==> flow/design.v <==
module mult #(
    parameter integer XLEN = 32,
    parameter integer K = 3
) (
    input logic clock,
    input logic rst_n,
    input logic [XLEN-1:0] a,
    input logic [K-1:0] b,
    output logic [XLEN+K-1:0] p
);
    always_ff @(posedge clock or negedge rst_n) begin
        if (~rst_n) begin
            p <= 0;
        end else begin
            p <= a * b;
        end
    end
endmodule
==> Step by step through the tools: mult <==
Tool output for the design above, in the order of the flow.
Lines are those of the file above, counted from 1.
Operators carry their Yosys type and port widths (W data, S select, Z words).
Library cell names are shortened.
{ "inputs": {"design": "mult", "clock": "clock", "library": "sky130hd", "corner": "tt_025C_1v80"} }

==> Elaborated design <==
Counts by Yosys on the flattened word-level netlist (proc, flatten, opt, wreduce; memories kept). Register bits leave out memories and registers merged into their read ports (data or address); mux counts leave out enables and synchronous resets folded into registers. Print and check cells are left out. Cells with the same type and inputs are merged into one.
{ "word_totals": {"regBits": 35, "input_bits": 37, "output_inout_bits": 35, "elab_cells": 2} }
{ "classes": {"mul": 1} }
{ "ops": {"columns": ["cell", "n"], "rows": [
  ["$mul A32 B3 Y35", 1]
]} }

==> Logic depth <==
Depth = most cells in a row (Yosys ltp): at word level without a register or memory, in the mapped netlist without a sequential cell, where the memories' decode and read muxes count.
{ "depth": {"depth_word": 1, "abc_area": 0, "ltp_mapped": 12, "mapped_depth_nobuf": 11} }

==> Netlist <==
The flow's flattened synthesis, as Yosys stat reports it; memories are mapped. The netlist is that of the ABC_AREA named above (0 if unset); the other value can give another one.
{ "types": {"columns": ["cell_type", "n", "area_total_um2"], "rows": [
  ["dfrtp_1", 35, 875.84],
  ["fa_1", 31, 620.595],
  ["ha_1", 34, 425.408],
  ["nand2_1", 112, 420.403],
  ["inv_1", 73, 274.013],
  ["a21oi_1", 36, 180.173],
  ["xnor2_1", 16, 140.134],
  ["xor2_1", 9, 78.826],
  ["a21o_1", 10, 75.072],
  ["o21ai_0", 15, 75.072],
  ["and2_1", 9, 56.304],
  ["nor2_1", 15, 56.304],
  ["and4_1", 5, 43.792],
  ["clkbuf_1", 11, 41.29],
  ["nor3_1", 6, 30.029],
  ["o211ai_1", 4, 30.029],
  ["a311oi_1", 3, 26.275],
  ["and3_1", 4, 25.024]
]} }
Not listed: further types 35, cells in them 58.
{ "synth_totals": {"cell_count": 486, "yosys_area_um2": 3935.0, "seqArea_um2": 875.8, "ffs": 35, "buffers": 14} }

==> Timing after synthesis <==
Path of least setup slack by OpenSTA after synthesis, without wires, with an ideal clock, recovery checks aside; 20% of the period is set as input and as output delay. Where synthesis merged equal registers, the netlist keeps one of their names.
{ "synth_timing": {"kind": "input port to flip-flop", "startpoint": "input port b[2]", "endpoint": "register p[34]", "clock_period_ns": 4.7, "input_delay_ns": 0.940, "setup_ns": 0.124, "t_first_pin_ns": 0.940, "arrival_ns": 3.826, "t_required_ns": 4.576, "slack_ns": 0.750, "delay_ns": 3.010, "driving_pins": 12, "n_path_buf": 1, "period_less_setup_slack_ns": 3.95} }
"delay_ns" = arrival - input delay + setup time.
"driving_pins" counts driving pins, that of a launching flip-flop among them; a cell with two outputs on the path counts twice.
"period_less_setup_slack_ns" = period - worst setup slack (recovery checks aside). The figure is calculated, with input and output delays left at 20% of the set period.
Between the ends stands the longest chain of elaborated cells between them, by number of cells; it is not shown to be the way that was timed. Of several equally long chains one is given.
A line is the first line of the expression or statement that the cell stems from. Yosys adds cells for indexed reads and writes and turns some case tables into memories.
{ "synth_between": {"path_cell_list": "clkbuf_1 -> nand2_1 -> fa_1 -> inv_1 -> ha_1 -> fa_1 -> a21o_1 -> a221oi_2 -> a211oi_1 -> o21ai_2 -> a41oi_2 -> a211o_1", "elab_chain_cells": 1, "cone_cells": 1, "cone_lines": 1, "classes_between": "1 x mul"} }
{ "synth_lines": {"columns": ["element", "line", "source"], "rows": [
  ["from (decl)", 8, "input logic [K-1:0] b,"],
  ["$mul A32 B3 Y35", 15, "p <= a * b;"],
  ["to (assign)", 13, "p <= 0;"],
  ["to (assign)", 15, null],
  ["to (decl)", 9, "output logic [XLEN+K-1:0] p"]
]} }

==> Worst path after layout <==
From the final timing report of job 1: the path of least setup slack in the routed layout; clock arrival at registers is part of the times.
{ "layout_timing": {"kind": "input port to flip-flop", "startpoint": "input port b[2]", "endpoint": "register p[24]", "clock_period_ns": 6.43, "input_delay_ns": 1.29, "setup_ns": 0.12, "t_first_pin_ns": 1.29, "arrival_ns": 5.26, "t_required_ns": 6.60, "slack_ns": 1.34, "driving_pins": 12, "n_path_buf": 1} }
Between the ends stands the longest chain of elaborated cells between them, by number of cells; it is not shown to be the way that was timed. Of several equally long chains one is given.
{ "layout_between": {"path_cell_list": "clkdlybuf4s50_1 -> nand2_1 -> fa_1 -> inv_1 -> ha_1 -> fa_1 -> a21o_1 -> a221oi_2 -> a2111oi_1 -> or2_1 -> a311oi_1 -> nor2_1", "elab_chain_cells": 1, "cone_cells": 1, "cone_lines": 1, "classes_between": "1 x mul"} }
{ "layout_lines": {"columns": ["element", "line", "source"], "rows": [
  ["from (decl)", 8, "input logic [K-1:0] b,"],
  ["$mul A32 B3 Y35", 15, "p <= a * b;"],
  ["to (assign)", 13, "p <= 0;"],
  ["to (assign)", 15, null],
  ["to (decl)", 9, "output logic [XLEN+K-1:0] p"]
]} }

Appendix: measured runs

Flow measurements of mult on sky130hd: 3 stored runs with different settings, listed in no order. Input and output delays are each 20% of the period that was set; the output load is 0.01 pF.
"worst_path_allowed_less_slack_ns" means the part of the period allowed to the worst setup path (the constraints hold back 20% at inputs and 20% at outputs) less its slack; where the path has registers, the arrival times of their clocks count too.
By "totalPower_mw" is meant OpenSTA's value without simulated activity: inputs other than the clock are taken to toggle once in ten clock periods, and the tool carries that through the logic.
[
  {
    "run": "job 1",
    "settings": { "period_ns": 6.43, "CORE_UTILIZATION": 31, "PLACE_DENSITY_LB_ADDON": 0.06, "CORE_ASPECT_RATIO": 1.3, "CELL_PAD_IN_SITES_GLOBAL_PLACEMENT": 0, "TNS_END_PERCENT": 100, "ABC_AREA": 0, "GPL_ROUTABILITY_DRIVEN": 0, "CTS_CLUSTER_DIAMETER": 230, "CAP_MARGIN": 40, "SLEW_MARGIN": 10, "MIN_ROUTING_LAYER": "met1", "CORE_MARGIN": 2 },
    "results": { "setup_tns_ns": 0.000, "die_area_um2": 13618.9, "synth_area_um2": 3935.0, "worst_path_allowed_less_slack_ns": 3.80, "timing.worst_path_kind": "input port to flip-flop", "finalCellArea_um2": 4974.8, "totalPower_mw": 1.098, "fin_ws_ns": 1.340 }
  },
  {
    "run": "job 2",
    "settings": { "period_ns": 6.2, "CORE_UTILIZATION": 30, "PLACE_DENSITY": 0.87, "ABC_AREA": 1, "GPL_ROUTABILITY_DRIVEN": 1, "CTS_CLUSTER_DIAMETER": 167, "CAP_MARGIN": 40, "MIN_ROUTING_LAYER": "met2", "CORE_MARGIN": 2, "SLEW_MARGIN": 20 },
    "results": { "finalCellArea_um2": 5657.9, "worst_path_allowed_less_slack_ns": 2.92, "timing.worst_path_kind": "input port to flip-flop", "fin_ws_ns": 2.036, "setup_tns_ns": 0.000, "synth_area_um2": 4559.4, "die_area_um2": 16200.2, "totalPower_mw": 1.150 }
  },
  {
    "run": "job 3",
    "settings": { "period_ns": 4.7, "CAP_MARGIN": 20, "CORE_MARGIN": 2, "CORE_UTILIZATION": 40, "SLEW_MARGIN": 20 },
    "results": { "finalCellArea_um2": 4914.7, "worst_path_allowed_less_slack_ns": 3.24, "timing.worst_path_kind": "input port to flip-flop", "die_area_um2": 10647.1, "totalPower_mw": 1.395, "fin_ws_ns": 0.524, "synth_area_um2": 3935.0, "setup_tns_ns": 0.000 }
  }
]
